==> flow/design.v <==
module core_muxn #(
  parameter DATA_WIDTH = 2
) (
  input  ck,
  input  resetn,
  input  step,
  input  [DATA_WIDTH-1:0] val_0,
  input  [DATA_WIDTH-1:0] val_1,
  input  [DATA_WIDTH-1:0] val_2,
  input  [DATA_WIDTH-1:0] val_3,
  input  [DATA_WIDTH-1:0] val_4,
  input  [2:0] select,
  output reg [DATA_WIDTH-1:0] q
);
  reg [DATA_WIDTH-1:0] r_val_0;
  reg [DATA_WIDTH-1:0] r_val_1;
  reg [DATA_WIDTH-1:0] r_val_2;
  reg [DATA_WIDTH-1:0] r_val_3;
  reg [DATA_WIDTH-1:0] r_val_4;
  reg [2:0] r_select;
  always @(posedge ck) begin
    if (!resetn) begin
      r_val_0 <= 0;
      r_val_1 <= 0;
      r_val_2 <= 0;
      r_val_3 <= 0;
      r_val_4 <= 0;
      r_select <= 0;
    end else if (step) begin
      r_val_0 <= val_0;
      r_val_1 <= val_1;
      r_val_2 <= val_2;
      r_val_3 <= val_3;
      r_val_4 <= val_4;
      r_select <= select;
    end
  end
  reg [DATA_WIDTH-1:0] work;
  always @(*) begin
    if (r_select == 0) work = r_val_0;
    else if (r_select == 1) work = r_val_1;
    else if (r_select == 2) work = r_val_2;
    else if (r_select == 3) work = r_val_3;
    else work = r_val_4;
  end
  always @(posedge ck) begin
    if (!resetn) begin
      q <= 0;
    end else if (step) begin
      q <= work;
    end
  end
endmodule
# Tool chain data of core_muxn

The steps from the RTL of core_muxn to its reports follow in flow order.
Line numbers count from 1 in the design file above.
Operators carry their Yosys type and port widths (W data, S select, Z words).
Library cell names are shortened.
Not given: -

Design top: core_muxn
Clock port: ck
Cell library: sky130hd
Library corner: tt_025C_1v80

# Word-level counts

Counts by Yosys on the flattened word-level netlist (proc, flatten, opt, wreduce; memories kept). Register bits leave out memories and registers merged into their read ports (data or address); mux counts leave out enables and synchronous resets folded into registers. Print and check cells are left out. Cells with the same type and inputs are merged into one.

Equality and inequality tests: 3
Reductions and logical operators: 1
Muxes and demuxes: 4

Operators with widths:

| cell                 | number |
| $mux W2              | 4 |
| $eq A3 B2 Y1 const B | 2 |
| $eq A3 B1 Y1 const B | 1 |
| $logic_not A3 Y1     | 1 |

Register bits after elaboration: 15
Input bits: 16

# Depth

Yosys ltp: most cells in a row. Word level: on the elaborated netlist, between registers, memories and ports. Mapped: between sequential cells and ports; inverters and the memories' decode and read muxes count.

Word-level depth: 5
ABC_AREA: 1
Gate-level depth with buffers: 8
Depth with buffers taken out: 8

# After synthesis

Source: synth_stat.txt of the flow (Yosys; design flattened, memories mapped). It holds for the ABC_AREA given above (unset counts as 0); a run with the other value may have another netlist.
The area totals of this step are shown rounded.

Cell types:

| cell type | number |
| dfxtp_1   | 15 |
| o21ai_0   | 15 |
| nor2_1    | 18 |
| nand2_1   | 13 |
| a21oi_1   | 6 |
| inv_1     | 8 |
| nand3_1   | 5 |
| a21oi_2   | 2 |
| nand4_1   | 2 |
| nor2_4    | 1 |
| nand3_2   | 1 |
| clkinv_1  | 2 |
| inv_2     | 2 |
| nand2_2   | 1 |
| buf_2     | 1 |
| clkbuf_2  | 1 |
| buf_1     | 1 |

Standard cells after synthesis: 94
Sequential part of the area: 300 um2
Buffers: 3
Cell area after synthesis: 660 um2
Flip-flops: 15

# Timing after synthesis

Path of least setup slack by OpenSTA after synthesis, without wires, with an ideal clock, recovery checks aside; 20% of the period is set as input and as output delay. Where synthesis merged equal registers, the netlist keeps one of their names.

Kind: reg2reg
Start point: register r_select[0]
End point: register q[1]
Library setup time: 0.114 ns
Arrival time: 0.870 ns
Slack: 0.296 ns
Path delay: 0.984 ns
Driving pins on the path: 9
Clock period: 1.28 ns
Launch time at the first pin: 0.000 ns
Synthesis period reached: 0.984 ns

"path delay" is the arrival time less input delay plus setup time.
"driving pins on the path" counts driving pins, that of a launching flip-flop among them; a cell with two outputs on the path counts twice.
"synthesis period reached" = period - worst setup slack (recovery checks aside). The figure is calculated, with input and output delays left at 20% of the set period.
Between the ends stands the longest chain of elaborated cells between them, by number of cells; it is not shown to be the way that was timed. Of several equally long chains one is given.
Each line given opens the expression or statement behind the cell; cells for indexed reads and writes are added by Yosys, which also makes memories of some case tables.

Cell sequence: dfxtp_1 -> nor2_4 -> nand3_1 -> nand2_1 -> clkinv_1 -> nand2_1 -> nand2_1 -> nand2_1 -> a21oi_2
Length of the longest elaborated chain: 5

RTL lines, path post-synthesis:

| what            | line | source |
| start, declared | 20   | `reg [2:0] r_select;` |
| start, assigned | 28   | `r_select <= 0;` |
| start, assigned | 35   | `r_select <= select;` |
| $eq A3 B2 Y1    | 43   | `else if (r_select == 3) work = r_val_3;` |
| $mux W2         | 43   |  |
| $mux W2         | 42   | `else if (r_select == 2) work = r_val_2;` |
| $mux W2         | 41   | `else if (r_select == 1) work = r_val_1;` |
| $mux W2         | 40   | `if (r_select == 0) work = r_val_0;` |
| end, assigned   | 48   | `q <= 0;` |
| end, assigned   | 50   | `q <= work;` |
| end, declared   | 13   | `output reg [DATA_WIDTH-1:0] q` |

# Worst path after layout

From the final timing report of job 2: the path of least setup slack in the routed layout; clock arrival at registers is part of the times.

Kind: reg2reg
Start point: register r_select[0]
End point: register q[0]
Library setup time: 0.10 ns
Arrival time: 1.39 ns
Clock period: 1.51 ns
Driving pins on the path: 8
Slack: 0.30 ns
Launch time at the first pin: 0.28 ns

Between the ends stands the longest chain of elaborated cells between them, by number of cells; it is not shown to be the way that was timed. Of several equally long chains one is given.

Cell sequence: dfxtp_1 -> nand3_1 -> nand2_1 -> nand3_1 -> nand2_1 -> nand2_1 -> nand2_1 -> a21oi_2
Length of the longest elaborated chain: 5

RTL lines, path after layout:

| what            | line | source |
| start, declared | 20   | `reg [2:0] r_select;` |
| start, assigned | 28   | `r_select <= 0;` |
| start, assigned | 35   | `r_select <= select;` |
| $eq A3 B2 Y1    | 43   | `else if (r_select == 3) work = r_val_3;` |
| $mux W2         | 43   |  |
| $mux W2         | 42   | `else if (r_select == 2) work = r_val_2;` |
| $mux W2         | 41   | `else if (r_select == 1) work = r_val_1;` |
| $mux W2         | 40   | `if (r_select == 0) work = r_val_0;` |
| end, assigned   | 48   | `q <= 0;` |
| end, assigned   | 50   | `q <= work;` |
| end, declared   | 13   | `output reg [DATA_WIDTH-1:0] q` |

Subject: flow runs of core_muxn

Hi,

Measured results for core_muxn: 3 stored runs of the Yosys and OpenROAD flow on sky130hd. The settings differ; the order carries no meaning. The constraints put input and output delay at 20% of the set period each and load the outputs with 0.01 pF.
"critical path time" = time allowed to the worst setup path (clock period - input delay - output delay, where it has them) - its slack; a late launch clock adds to it, a late capture clock takes from it.
Values from the reports are rounded here.
Settings: n/a = not set for that run.
Among the results, n/a means that no value is shown for the run.

| item                                                    | job 1 | job 2   | job 3   |
| period_ns                                               | 0.652 | 1.51    | 1.28    |
| CORE_UTILIZATION                                        | 71    | 59      | 40      |
| PLACE_DENSITY_LB_ADDON                                  | 0.09  | n/a     | n/a     |
| CORE_MARGIN                                             | 7     | 2       | 2       |
| CELL_PAD_IN_SITES_GLOBAL_PLACEMENT                      | 2     | n/a     | n/a     |
| CELL_PAD_IN_SITES_DETAIL_PLACEMENT                      | 1     | n/a     | n/a     |
| ABC_AREA                                                | 1     | 1       | n/a     |
| GPL_ROUTABILITY_DRIVEN                                  | 0     | n/a     | n/a     |
| CTS_CLUSTER_SIZE                                        | 25    | n/a     | n/a     |
| CAP_MARGIN                                              | 5     | 25      | 20      |
| SLEW_MARGIN                                             | 15    | 20      | 20      |
| MAX_ROUTING_LAYER                                       | met5  | n/a     | n/a     |
| SETUP_SLACK_MARGIN                                      | n/a   | 0.08    | n/a     |
| area of the standard cells in the finished layout (um2) | n/a   | 870     | 880     |
| worst-case hold slack (ns)                              | n/a   | 0.49    | 0.50    |
| total die area (um2)                                    | n/a   | 1,400   | 2,000   |
| post-synthesis cell area (um2)                          | n/a   | 660     | 650     |
| total negative slack on setup checks (ns)               | n/a   | 0.000   | 0.000   |
| worst setup slack after layout (ns)                     | n/a   | 0.30    | 0.10    |
| critical path time (ns)                                 | n/a   | 1.21    | 1.18    |
| class of the worst setup path                           | n/a   | reg2reg | reg2reg |

Job 1: not finished: floorplanning ended with error PDN-0185

Regards
